==> flow/design.v <==
module my_add_core_n #(
    parameter DATA_W = 12,
    parameter INPUTS = 4,
    parameter OW = DATA_W + $clog2(INPUTS)
) (
    input  clk,
    input  [INPUTS*DATA_W-1:0] d,
    output [OW-1:0] s
);
    reg [INPUTS*DATA_W-1:0] d_ff;
    wire [OW-1:0] tree [1:2*INPUTS-1];
    genvar i;
    generate
        for (i = 0; i < INPUTS; i = i + 1) begin : slice
            assign tree[INPUTS+i] = d_ff[i*DATA_W +: DATA_W];
        end
        for (i = 1; i < INPUTS; i = i + 1) begin : stage
            assign tree[i] = tree[2*i] + tree[2*i+1];
        end
    endgenerate
    reg [OW-1:0] s_ff;
    assign s = s_ff;
    always @(posedge clk) begin
        d_ff <= d;
        s_ff <= tree[1];
    end
endmodule
# From RTL to reports: my_add_core_n
# The steps from the RTL of my_add_core_n to its reports follow in flow order.
# Line numbers count from 1 in the design file above.
# Operators carry their Yosys type and port widths (W data, S select, Z words).
# Not given: n/a
# setup
top,my_add_core_n
clock,clk
cell_library,sky130hd
corner,tt_025C_1v80

# Elaborated design
# Counts by Yosys on the flattened word-level netlist (proc, flatten, opt, wreduce). Print and check cells are left out. Cells with the same type and inputs are merged into one.
# classes
add_sub_neg,3
# op_table
cell,count
$add A12 B12 Y13,2
$add A14 B14 Y14,1
# word_totals
output_inout_bits,14
wordCells,5
input_bits,49
register_bits,62

# Logic depth
# Longest topological path by Yosys (ltp), each cell counted once; first at word level (registers and memories cut), then after technology mapping (sequential cells cut; the memories' decode and read muxes count).
# logic_depth
word_depth,2
abc_area,0
depth_mapped,14
mapped_depth_nobuf,14

# Mapped cells and area
# The flow's flattened synthesis, as Yosys stat reports it; memories are mapped. The netlist is that of the ABC_AREA named above (0 if unset); the other value can give another one.
# mapped
seqArea_mm2,0.0012412
stdcells,291
buffers,0
mapped_area_mm2,0.002919
ff_cells,62
# types
type,count,type_area_um2
sky130_fd_sc_hd__dfxtp_1,62,1241.19
sky130_fd_sc_hd__ha_1,37,462.944
sky130_fd_sc_hd__xnor2_1,16,140.134
sky130_fd_sc_hd__a21oi_1,23,115.11
sky130_fd_sc_hd__xor2_1,10,87.584
sky130_fd_sc_hd__a21o_1,9,67.565
sky130_fd_sc_hd__inv_1,17,63.811
sky130_fd_sc_hd__nand2_1,17,63.811
sky130_fd_sc_hd__nor2_1,17,63.811
sky130_fd_sc_hd__fa_1,3,60.058
sky130_fd_sc_hd__o21ai_0,10,50.048
sky130_fd_sc_hd__o21ai_1,8,40.038
sky130_fd_sc_hd__a211oi_1,5,37.536
sky130_fd_sc_hd__nor3_1,7,35.034
sky130_fd_sc_hd__nand2b_1,5,31.28
sky130_fd_sc_hd__nand3_1,6,30.029
sky130_fd_sc_hd__a2111oi_4,1,27.526
sky130_fd_sc_hd__a31oi_1,4,25.024
# Not listed: further types 22, cells in them 34.

# Worst setup path after synthesis
# OpenSTA on the mapped netlist: ideal clock, no wires. The path of least setup slack (recovery checks aside). Input and output delay are each 20% of the period. Register names are those of the netlist, which keeps one name where synthesis merged equal registers.
# synth_timing
kind,register to register
from,reg d_ff[3]
to,reg s_ff[11]
tclk_ns,3.44
setup_ns,0.072
path_buffers,0
launch_ns,0.000
required_time_ns,3.368
delay_ns,2.755
t_arrival_ns,2.683
driving_pins,12
slack_ns,0.685
period_less_setup_slack_ns,2.755
# "delay_ns" is the arrival time less input delay plus setup time.
# "driving_pins" counts driving pins, that of a launching flip-flop among them; a cell with two outputs on the path counts twice.
# "period_less_setup_slack_ns" = period - worst setup slack (recovery checks aside). The figure is calculated, with input and output delays left at 20% of the set period.
# Between the ends stands the longest chain of elaborated cells between them, by number of cells; it is not shown to be the way that was timed. Of several equally long chains one is given.
# Each line given opens the expression or statement behind the cell; cells for indexed reads and writes are added by Yosys, which also makes memories of some case tables.
# synth_via
cell_sequence,sky130_fd_sc_hd__dfxtp_1 > sky130_fd_sc_hd__ha_1 > sky130_fd_sc_hd__a21o_1 > sky130_fd_sc_hd__a21o_1 > sky130_fd_sc_hd__a2111oi_4 > sky130_fd_sc_hd__nor2_1 > sky130_fd_sc_hd__xnor2_1 > sky130_fd_sc_hd__ha_1 > sky130_fd_sc_hd__and2_1 > sky130_fd_sc_hd__nand4_1 > sky130_fd_sc_hd__a311oi_1 > sky130_fd_sc_hd__xor2_1
elab_chain_len,2
cone_cells,2
lines_between,1
classes_between,add/sub (2)
# synth_lines
item,line,source
from (decl),10,reg [INPUTS*DATA_W-1:0] d_ff;
from (assign),24,d_ff <= d;
$add A12 B12 Y13,18,assign tree[i] = tree[2*i] + tree[2*i+1];
$add A14 B14 Y14,18,
to (assign),25,s_ff <= tree[1];
to (decl),21,reg [OW-1:0] s_ff;

# Path in the finished layout
# From the final timing report of run A: the path of least setup slack in the routed layout; clock arrival at registers is part of the times.
# layout_timing
kind,register to register
from,reg d_ff[24]
to,reg s_ff[12]
t_arrival_ns,3.28
path_buffers,0
launch_ns,0.35
tclk_ns,3.44
slack_ns,0.38
driving_pins,15
setup_ns,0.13
required_time_ns,3.66
# Between the ends stands the longest chain of elaborated cells between them, by number of cells; it is not shown to be the way that was timed. Of several equally long chains one is given.
# layout_via
cell_sequence,sky130_fd_sc_hd__dfxtp_1 > sky130_fd_sc_hd__ha_1 > sky130_fd_sc_hd__inv_1 > sky130_fd_sc_hd__fa_1 > sky130_fd_sc_hd__nor2b_1 > sky130_fd_sc_hd__o2111ai_1 > sky130_fd_sc_hd__nand3_1 > sky130_fd_sc_hd__mux2i_1 > sky130_fd_sc_hd__o2111ai_1 > sky130_fd_sc_hd__ha_1 > sky130_fd_sc_hd__a21oi_1 > sky130_fd_sc_hd__o21ai_0 > sky130_fd_sc_hd__a21oi_1 > sky130_fd_sc_hd__a2bb2oi_1 > sky130_fd_sc_hd__o211ai_1
elab_chain_len,2
cone_cells,2
lines_between,1
classes_between,add/sub (2)
# layout_lines
item,line,source
from (decl),10,reg [INPUTS*DATA_W-1:0] d_ff;
from (assign),24,d_ff <= d;
$add A12 B12 Y13,18,assign tree[i] = tree[2*i] + tree[2*i+1];
$add A14 B14 Y14,18,
to (assign),25,s_ff <= tree[1];
to (decl),21,reg [OW-1:0] s_ff;

# Module my_add_core_n, platform sky130hd: 3 stored runs of the flow (Yosys, OpenROAD) with differing settings, in no particular order. Input and output delays are each 20% of the period that was set; the output load is 0.01 pF.
# "achieved_period_ns" = clock period - worst setup slack. The figure is calculated, with input and output delays left at 20% of the set period.
# "worst_path_time_ns" means the part of the period allowed to the worst setup path (the constraints hold back 20% at inputs and 20% at outputs) less its slack; where the path has registers, the arrival times of their clocks count too.
# By "total_power_w" is meant OpenSTA's value without simulated activity: inputs other than the clock are taken to toggle once in ten clock periods, and the tool carries that through the logic.
# Among the settings, - means not set for that run.
# Results: - = not shown.
item,run A,run B,run C
period_ns,3.44,5.13,1.68
CAP_MARGIN,20,20,40
CORE_MARGIN,2,2,2
CORE_UTILIZATION,40,72,18
SLEW_MARGIN,20,10,20
SETUP_SLACK_MARGIN,-,1.05,-
PLACE_DENSITY_LB_ADDON,-,0.2,-
CELL_PAD_IN_SITES_GLOBAL_PLACEMENT,-,1,3
GPL_TIMING_DRIVEN,-,0,0
MIN_ROUTING_LAYER,-,met2,met2
PLACE_DENSITY,-,-,0.36
TNS_END_PERCENT,-,-,45
synth_chip_area_mm2,0.002919,-,0.002919
achieved_period_ns,3.057,-,2.747
final_util_frac,0.541,-,0.297
setup_worst_slack_ns,0.383,-,-1.067
final_cell_area_mm2,0.00388,-,0.0047145
hold_worst_slack_ns,0.578,-,0.433
tns_ns,0.000,-,-8.490
total_power_w,0.002451,-,0.006142
worst_path_time_ns,3.06,-,2.75
timing.worst_path_kind,register to register,-,register to register
dieArea_mm2,0.0079968,-,0.0172515
# Run B: did not finish, placement stopped with FLW-0024
